==> flow/design.v <==
module gen_adder #(
    parameter NBITS = 6
) (
    input  wire clk,
    input  wire RSTN,
    input  wire [NBITS-1:0] dataa,
    input  wire [NBITS-1:0] datab,
    input  wire cin,
    output reg [NBITS-1:0] o,
    output reg carry
);
    wire [NBITS:0] val = dataa + datab + cin;
    always @(posedge clk or negedge RSTN) begin
        if (~RSTN) begin
            o <= 0;
            carry <= 1'b0;
        end else begin
            o <= val[NBITS-1:0];
            carry <= val[NBITS];
        end
    end
endmodule
-- Tool chain data of gen_adder
Tool output for the members of one design family, told apart by "NBITS", in the order of the flow.
The RTL above is that of NBITS 6; lines are counted from 1 in the file of the member named.
Operators: Yosys type, input widths -> output width; for muxes data width and select width s.
Cell names lack the library's common part.
Not given: --
- top: gen_adder
- clock port: clk
- cell library: sky130hd
- timing corner: tt_025C_1v80

-- Members of the sweep
Lines of each other member's file that are new or changed against the file above; lines that a member lacks are not shown.
- lines new or changed (NBITS ; line ; RTL):
    7 ; 2 ; parameter NBITS = 7
    10 ; 2 ; parameter NBITS = 10
    32 ; 2 ; parameter NBITS = 32
    48 ; 2 ; parameter NBITS = 48

-- After elaboration
Source: Yosys, flattened and elaborated, memories not mapped. Widths are those after wreduce; folded enables and synchronous resets count as part of the registers. Registers that Yosys merges into a memory's read port (data or address) are not register bits. Print and check cells do not count. Equal cells are merged and count once.
- bit counts (NBITS ; memory cells ; bits in latches ; input port bits ; bits in read-only memories ; word width x clocked read ports ; register bits ; bits in writable memories ; output and inout port bits):
    6 ; 0 ; 0 ; 15 ; 0 ; 0 ; 7 ; 0 ; 7
    7 ; 0 ; 0 ; 17 ; 0 ; 0 ; 8 ; 0 ; 8
    10 ; 0 ; 0 ; 23 ; 0 ; 0 ; 11 ; 0 ; 11
    32 ; 0 ; 0 ; 67 ; 0 ; 0 ; 33 ; 0 ; 33
    48 ; 0 ; 0 ; 99 ; 0 ; 0 ; 49 ; 0 ; 49
- cells by class (NBITS ; order comparisons ; bitwise operators ; add/subtract/negate cells ; equal/unequal tests ; div/mod/pow operators ; shift operators ; multiplexer cells ; reduce/logical cells ; $mul):
    6 ; 0 ; 0 ; 2 ; 0 ; 0 ; 0 ; 0 ; 0 ; 0
    7 ; 0 ; 0 ; 2 ; 0 ; 0 ; 0 ; 0 ; 0 ; 0
    10 ; 0 ; 0 ; 2 ; 0 ; 0 ; 0 ; 0 ; 0 ; 0
    32 ; 0 ; 0 ; 2 ; 0 ; 0 ; 0 ; 0 ; 0 ; 0
    48 ; 0 ; 0 ; 2 ; 0 ; 0 ; 0 ; 0 ; 0 ; 0
- operators with widths (NBITS ; kinds with counts):
    6 ; 1 x $add 6x6->7; 1 x $add 7x1->7
    7 ; 1 x $add 7x7->8; 1 x $add 8x1->8
    10 ; 1 x $add 10x10->11; 1 x $add 11x1->11
    32 ; 1 x $add 32x32->33; 1 x $add 33x1->33
    48 ; 1 x $add 48x48->49; 1 x $add 49x1->49

-- Depth
Longest topological path by Yosys (ltp), each cell counted once; first at word level (registers and memories cut), then after technology mapping (sequential cells cut; the memories' decode and read muxes count).
- depth (NBITS ; depth in word-level cells ; ABC_AREA ; gate-level depth with buffers ; depth with buffers taken out):
    6 ; 2 ; 0 ; 7 ; 7
    7 ; 2 ; 0 ; 7 ; 7
    10 ; 2 ; 0 ; 8 ; 8
    32 ; 2 ; 0 ; 9 ; 9
    48 ; 2 ; 0 ; 10 ; 10

-- Netlist
Source: synth_stat.txt of the flow (Yosys; design flattened, memories mapped). It holds for the ABC_AREA given above (unset counts as 0); a run with the other value may have another netlist.
The area totals of this step are shown rounded.
- synthesis totals (NBITS ; synthesis area (µm²) ; buffers ; sequential part of the area (µm²) ; mapped cells ; flip-flops):
    6 ; 430 ; 0 ; 180 ; 35 ; 7
    7 ; 520 ; 0 ; 200 ; 45 ; 8
    10 ; 710 ; 0 ; 280 ; 65 ; 11
    32 ; 2600 ; 12 ; 830 ; 278 ; 33
    48 ; 4100 ; 17 ; 1200 ; 468 ; 49
- cell types (NBITS ; type and count):
    6 ; 7 x dfrtp_1; 5 x ha_1; 2 x fa_1; 3 x xnor2_1; 4 x inv_1; 1 x nor2b_4; 1 x a211oi_2; 2 x a21oi_1; 2 x o21ai_0; 1 x o31a_2; 1 x a21oi_2; 1 x o21ai_2; 1 x a21o_1; 1 x o21a_1; 1 x o21bai_1; 1 x nand2b_1; 1 x nor2_1
    7 ; 8 x dfrtp_1; 6 x ha_1; 2 x fa_1; 3 x xnor2_1; 6 x inv_1; 4 x a21oi_1; 1 x o31a_4; 1 x a311oi_2; 3 x o21ai_0; 1 x nor2b_4; 1 x nor4_2; 1 x a311o_1; 1 x nor2b_2; 2 x nor2_1; 1 x nor3b_1; 1 x o21a_1; 1 x a31oi_1; 1 x nor2b_1; 1 x nand2_1
    10 ; 11 x dfrtp_1; 9 x ha_1; 6 x xnor2_1; 2 x fa_1; 6 x a21oi_1; 3 x a21o_1; 3 x and3_1; 2 x xor2_1; 1 x o41ai_2; 4 x inv_1; 2 x o21a_1; 1 x a211oi_2; 2 x nand2b_1; 2 x o21ai_0; 1 x a31o_1; 1 x and2_4; 2 x nand2_1; 2 x nor2_1; [+5]
    32 ; 33 x dfrtp_1; 31 x ha_1; 23 x a21o_1; 29 x a21oi_1; 14 x xnor2_1; 13 x xor2_1; 17 x o21ai_0; 21 x nand2_1; 13 x nor2_1; 7 x a31oi_1; 11 x clkbuf_1; 2 x fa_1; 7 x nand3_1; 4 x o21bai_1; 4 x nand4_1; 3 x a211oi_1; 3 x o31ai_1; 2 x a221o_1; [+41]
    48 ; 49 x dfrtp_1; 47 x ha_1; 53 x a21oi_1; 22 x xnor2_1; 20 x xor2_1; 42 x nand2_1; 17 x a21o_1; 25 x o21ai_0; 29 x nor2_1; 12 x nand4_1; 14 x nor3_1; 11 x a31oi_1; 10 x nor2b_1; 9 x o21ai_1; 11 x clkbuf_1; 2 x fa_1; 8 x nand3_1; 5 x o211ai_1; [+82]
A list marked [+n] leaves out that many cells.

-- Timing after synthesis
OpenSTA on the mapped netlist: ideal clock, no wires. The path of least setup slack (recovery checks aside). Input and output delay are each 20% of the period. Register names are those of the netlist, which keeps one name where synthesis merged equal registers.
- path post-synthesis (NBITS ; path type ; from ; to ; period (ns) ; setup slack (ns) ; delay of the path (ns) ; driving pins on the path ; period reached after synthesis (ns)):
    6 ; input-to-reg ; input port dataa[0] ; register carry ; 2.16 ; 0.345 ; 1.383 ; 7 ; 1.815
    7 ; input-to-reg ; input port dataa[0] ; register o[6] ; 2.37 ; 0.381 ; 1.515 ; 6 ; 1.989
    10 ; input-to-reg ; input port dataa[0] ; register o[8] ; 2.44 ; 0.391 ; 1.562 ; 8 ; 2.049
    32 ; input-to-reg ; input port dataa[0] ; register carry ; 3.81 ; 0.612 ; 2.436 ; 9 ; 3.198
    48 ; input-to-reg ; input port dataa[0] ; register o[38] ; 3.93 ; 0.630 ; 2.515 ; 10 ; 3.3
"delay of the path" = arrival - input delay + setup time.
"driving pins on the path" counts driving pins, that of a launching flip-flop among them; a cell with two outputs on the path counts twice.
"period reached after synthesis" is the clock period less the worst setup slack; recovery checks do not enter. This is arithmetic on one report: input and output delays are still those of the set period (20% each).
Between the ends stands the longest chain of elaborated cells between them, by number of cells; it is not shown to be the way that was timed. Of several equally long chains one is given.
A line is the first line of the expression or statement that the cell stems from. Yosys adds cells for indexed reads and writes and turns some case tables into memories.
On the way, post-synthesis, NBITS 6:
- length of the longest elaborated chain at 2
- RTL lines, path post-synthesis, NBITS 6 (item ; line ; RTL):
    from (decl) ; 6 ; input  wire [NBITS-1:0] dataa,
    $add 6x6->7 ; 12 ; wire [NBITS:0] val = dataa + datab + cin;
    $add 7x1->7 ; 12 ;
    to (assign) ; 16 ; carry <= 1'b0;
    to (assign) ; 19 ; carry <= val[NBITS];
    to (decl) ; 10 ; output reg carry
On the way, post-synthesis, NBITS 48:
- length of the longest elaborated chain at 2
- RTL lines, path post-synthesis, NBITS 48 (item ; line ; RTL):
    from (decl) ; 6 ; input  wire [NBITS-1:0] dataa,
    $add 48x48->49 ; 12 ; wire [NBITS:0] val = dataa + datab + cin;
    $add 49x1->49 ; 12 ;
    to (assign) ; 15 ; o <= 0;
    to (assign) ; 18 ; o <= val[NBITS-1:0];
    to (decl) ; 9 ; output reg [NBITS-1:0] o,

-- Timing after layout
Path of least setup slack in the final report of the run of each member (OpenROAD, finished layout, wires in). Where an end is a register, its clock arrival counts in the times.
- path post-layout (NBITS ; path type ; from ; to ; setup slack (ns) ; driving pins on the path ; period (ns) ; data arrival time (ns)):
    6 ; input-to-reg ; input port dataa[0] ; register carry ; 0.10 ; 8 ; 2.16 ; 2.17
    7 ; input-to-reg ; input port dataa[0] ; register o[6] ; 0.12 ; 7 ; 2.37 ; 2.37
    10 ; input-to-reg ; input port datab[0] ; register o[8] ; 0.12 ; 9 ; 2.44 ; 2.47
    32 ; input-to-reg ; input port dataa[0] ; register carry ; 0.24 ; 10 ; 3.81 ; 3.74
    48 ; input-to-reg ; input port dataa[0] ; register o[38] ; 0.22 ; 11 ; 3.93 ; 3.88

-- Flow runs
Settings and results of one run of the flow (Yosys, OpenROAD) for each member follow. The constraints put input and output delay at 20% of the set period each and load the outputs with 0.01 pF.
- CAP_MARGIN: 20
- CORE_MARGIN at 2
- CORE_UTILIZATION: 40
- SLEW_MARGIN at 20
- settings by member (NBITS ; period_ns):
    6 ; 2.16
    7 ; 2.37
    10 ; 2.44
    32 ; 3.81
    48 ; 3.93
- measured results (NBITS ; period achieved (ns) ; area of the die (µm²) ; standard-cell area of the final layout (µm²) ; post-route utilization (%) ; final setup TNS (ns) ; worst setup slack after layout (ns) ; synthesized cell area (µm²)):
    6 ; 2.063 ; 1300 ; 690 ; 71 ; 0.000 ; 0.097 ; 430
    7 ; 2.249 ; 1600 ; 800 ; 69 ; 0.000 ; 0.12 ; 520
    10 ; 2.325 ; 2100 ; 1100 ; 65 ; 0.000 ; 0.12 ; 710
    32 ; 3.573 ; 7100 ; 3700 ; 59 ; 0.000 ; 0.24 ; 2600
    48 ; 3.714 ; 11000 ; 5800 ; 59 ; 0.000 ; 0.22 ; 4100
"period achieved" means the clock period less the worst setup slack. The figure is calculated, with input and output delays left at 20% of the set period.
The measured numbers are rounded.
